==> flow/design.v <==
module u_mul_unit_rtl_add_row #(parameter N = 4) (
    input wire [N-1:0] a,
    input wire sel,
    input wire [N-1:0] pin,
    output wire [N:0] pout
);
    assign pout = pin + (a & {N{sel}});
endmodule
module u_mul_unit_rtl #(
    parameter DWIDTH = 10
) (
    input wire sys_clk,
    input wire [DWIDTH-1:0] u,
    input wire [DWIDTH-1:0] v,
    output reg [2*DWIDTH-1:0] p
);
    wire [DWIDTH:0] node [0:DWIDTH];
    wire [DWIDTH-1:0] lo;
    assign node[0] = 0;
    genvar i;
    generate
        for (i = 0; i < DWIDTH; i = i + 1) begin : slice
            u_mul_unit_rtl_add_row #(.N(DWIDTH)) i_sub (.a(u), .sel(v[i]), .pin(node[i][DWIDTH:1]), .pout(node[i+1]));
            assign lo[i] = node[i+1][0];
        end
    endgenerate
    always @(posedge sys_clk) begin
        p <= {node[DWIDTH][DWIDTH:1], lo};
    end
endmodule
[Step by step through the tools: u_mul_unit_rtl]
What the tools print for u_mul_unit_rtl, step after step.
Lines are those of the file above, counted from 1.
Cell names lack the library's common part.
The mark n/a stands for no value.
Set-up
  design top: u_mul_unit_rtl
  clock input: sys_clk
  library: sky130hd
  library corner: tt_025C_1v80

[After elaboration]
Counts by Yosys on the flattened word-level netlist (proc, flatten, opt, wreduce; memories kept). Register bits leave out memories and registers merged into their read ports (data or address); mux counts leave out enables and synchronous resets folded into registers. Print and check cells are left out. Cells with the same type and inputs are merged into one.
Word-level totals
  flip-flop bits (word level): 20
  elaborated cells: 20
Operators by class
  $add $sub $neg: 9
  bitwise logic cells: 10
Operators with widths (number)
  10-bit bitwise AND: 10
  10-bit by 11-bit adder with 11-bit output: 8
  9-bit by 11-bit adder with 11-bit output: 1

[Logic depth]
Yosys ltp: most cells in a row. Word level: on the elaborated netlist, between registers, memories and ports. Mapped: between sequential cells and ports; inverters and the memories' decode and read muxes count.
Depth
  word-level depth: 10
  ABC_AREA: 0
  depth in mapped cells: 49
  depth with buffers taken out: 48

[Mapped cells and area]
Source: synth_stat.txt of the flow (Yosys; design flattened, memories mapped). It holds for the ABC_AREA given above (unset counts as 0); a run with the other value may have another netlist.
Mapped netlist
  standard cells after synthesis: 573
  cell area after synthesis: 4712.0 µm²
  area of sequential cells: 400.4 µm²
  flip-flop cells: 20
  buffers: 1
Cell types (number)
  ha_1: 90
  and2_1: 103
  xnor2_1: 53
  dfxtp_1: 20
  a21oi_1: 56
  a21o_1: 24
  fa_1: 9
  xor2_1: 19
  a2111oi_4: 5
  inv_1: 34
  o21ai_0: 23
  nand2_1: 26
  and3_1: 14
  a21oi_2: 9
  nor2b_1: 10
  and3_4: 5
  nand2b_1: 9
  o21bai_2: 5
Not listed: further types 24, cells in them 59.
By module: a second synthesis without flattening, with its own total; a netlist apart from the flattened one above.
Unflattened totals
  cell total of the unflattened synthesis: 661
  area total of the unflattened synthesis: 5283.8 µm²
Each row is one instance without its submodules.
By module
  u_mul_unit_rtl_add_row #(N=10): times used 10, cells 64, area 488.0 µm², seq. area 0.0 µm²
  u_mul_unit_rtl: times used 1, cells 21, area 404.1 µm², seq. area 400.4 µm²

[Worst setup path after synthesis]
Source: OpenSTA report_checks on the synthesized netlist (no wires, ideal clock, input and output delay 20% of the period each), path of least setup slack; recovery checks are left aside. Register names are those of the netlist, which keeps one name where synthesis merged equal registers.
Timing after synthesis
  path type: in2reg
  from: in u[1]
  to: reg p[17]
  period: 15.3 ns
  external input delay: 3.060 ns
  setup time: 0.072 ns
  launch time at the first pin: 3.060 ns
  arrival time: 12.786 ns
  setup slack: 2.442 ns
  path delay: 9.798 ns
  driving pins on the path: 44
  period reached after synthesis: 12.858 ns
"path delay" = arrival - input delay + setup time.
"driving pins on the path": output pins that drive a net of the path, with the launching flip-flop's if there is one; two outputs of one cell count as two.
"period reached after synthesis" is the clock period less the worst setup slack; recovery checks do not enter. This is arithmetic on one report: input and output delays are still those of the set period (20% each).
The rows between start and end are the longest chain of elaborated cells between them; the timing report does not say that the signal goes this way. Where chains are equally long, one stands for them.
A line is the first line of the expression or statement that the cell stems from. Yosys adds cells for indexed reads and writes and turns some case tables into memories.
On the way, after synthesis
  path through: clkbuf_1 and2_1 ha_1 fa_1 a21o_1 a21oi_1 xnor2_1 ha_1 and3_1 a211oi_1 nand2b_1 xor2_1 ha_1 and3_1 a211oi_1 nand2b_1 xor2_1 ha_1 (+8 left out) nand3_1 o211ai_1 nor2_1 xnor2_1 ha_1 and3_4 a2111oi_4 xnor2_1 ha_1 and3_4 a2111oi_4 xnor2_1 ha_1 and3_4 a2111oi_4 o21bai_2 a21oi_2 xnor2_1
  length of the longest elaborated chain: 10
RTL lines, path after synthesis
  from (decl): line 13  | input wire [DWIDTH-1:0] u,
  10-bit bitwise AND: line 7  | assign pout = pin + (a & {N{sel}});
  9-bit by 11-bit adder with 11-bit output: line 7
  10-bit by 11-bit adder with 11-bit output (8 in a row): line 7
  to (assign): line 28  | p <= {node[DWIDTH][DWIDTH:1], lo};
  to (decl): line 15  | output reg [2*DWIDTH-1:0] p

[Worst path after layout]
Path of least setup slack in the final report of entry A (OpenROAD, finished layout, wires in). Where an end is a register, its clock arrival counts in the times.
Timing post-layout
  path type: in2reg
  from: in u[1]
  to: reg p[17]
  period: 15.3 ns
  external input delay: 3.06 ns
  setup time: 0.07 ns
  launch time at the first pin: 3.06 ns
  arrival time: 14.31 ns
  setup slack: 1.19 ns
  driving pins on the path: 44
The rows between start and end are the longest chain of elaborated cells between them; the timing report does not say that the signal goes this way. Where chains are equally long, one stands for them.
On the way, post-layout
  path through: clkdlybuf4s50_1 and2_1 ha_1 fa_1 a21o_1 a21oi_1 xnor2_1 ha_1 and3_1 a211oi_1 nand2b_1 xor2_1 ha_1 and3_1 a211oi_1 nand2b_1 xor2_1 ha_1 (+8 left out) nand3_1 o211ai_1 nor2_1 xnor2_1 ha_1 and3_1 a2111oi_4 xnor2_1 ha_1 and3_4 a2111oi_4 xnor2_1 ha_1 and3_1 a2111oi_4 o21bai_2 a21oi_2 xnor2_1
  length of the longest elaborated chain: 10
RTL lines, path post-layout
  from (decl): line 13  | input wire [DWIDTH-1:0] u,
  10-bit bitwise AND: line 7  | assign pout = pin + (a & {N{sel}});
  9-bit by 11-bit adder with 11-bit output: line 7
  10-bit by 11-bit adder with 11-bit output (8 in a row): line 7
  to (assign): line 28  | p <= {node[DWIDTH][DWIDTH:1], lo};
  to (decl): line 15  | output reg [2*DWIDTH-1:0] p

## Implementation results

3 stored runs of u_mul_unit_rtl in the flow (synthesis by Yosys, layout by OpenROAD, sky130hd cells), in arbitrary order. Constraints: input delay and output delay 20% of the set period each, output load 0.01 pF.
"worst setup path time (ns)" means the part of the period allowed to the worst setup path (the constraints hold back 20% at inputs and 20% at outputs) less its slack; where the path has registers, the arrival times of their clocks count too.

settings of entry A
{
  "period_ns": 15.3,
  "CAP_MARGIN": 20,
  "CORE_MARGIN": 2,
  "CORE_UTILIZATION": 40,
  "SLEW_MARGIN": 20
}
report of entry A
yosys chip area after synthesis (um^2): 4712.0
finish__design__die__area: 12664.1
finish__design__instance__utilization: 0.4703
finish__timing__setup__ws: 1.187
finish__timing__hold__ws: 3.638
worst setup path time (ns): 11.05
worst setup path kind: in2reg

settings of entry B
{
  "period_ns": 11.1,
  "CORE_UTILIZATION": 43,
  "SETUP_SLACK_MARGIN": -0.58,
  "PLACE_DENSITY_LB_ADDON": 0.19,
  "CELL_PAD_IN_SITES_GLOBAL_PLACEMENT": 0,
  "ABC_AREA": 0,
  "CTS_CLUSTER_DIAMETER": 154,
  "CAP_MARGIN": 35,
  "SLEW_MARGIN": 15,
  "CORE_MARGIN": 2
}
report of entry B
yosys chip area after synthesis (um^2): 4712.0
finish__design__die__area: 11811.3
finish__design__instance__utilization: 0.6265
finish__timing__setup__ws: -0.268
finish__timing__hold__ws: 2.265
worst setup path time (ns): 9.15
worst setup path kind: in2reg

settings of entry C
{
  "period_ns": 12.8,
  "CORE_UTILIZATION": 22,
  "SETUP_SLACK_MARGIN": 0.14,
  "PLACE_DENSITY_LB_ADDON": 0.25,
  "CORE_ASPECT_RATIO": 1.89,
  "CELL_PAD_IN_SITES_GLOBAL_PLACEMENT": 1,
  "CELL_PAD_IN_SITES_DETAIL_PLACEMENT": 0,
  "TNS_END_PERCENT": 90,
  "ABC_AREA": 0,
  "CTS_CLUSTER_SIZE": 98,
  "CTS_CLUSTER_DIAMETER": 331,
  "CAP_MARGIN": 5,
  "SLEW_MARGIN": 20,
  "MIN_ROUTING_LAYER": "met1",
  "CORE_MARGIN": 2
}
report of entry C
yosys chip area after synthesis (um^2): 4712.0
finish__design__die__area: 22664.8
finish__design__instance__utilization: 0.2970
finish__timing__setup__ws: 0.700
finish__timing__hold__ws: 2.691
worst setup path time (ns): 9.54
worst setup path kind: in2reg
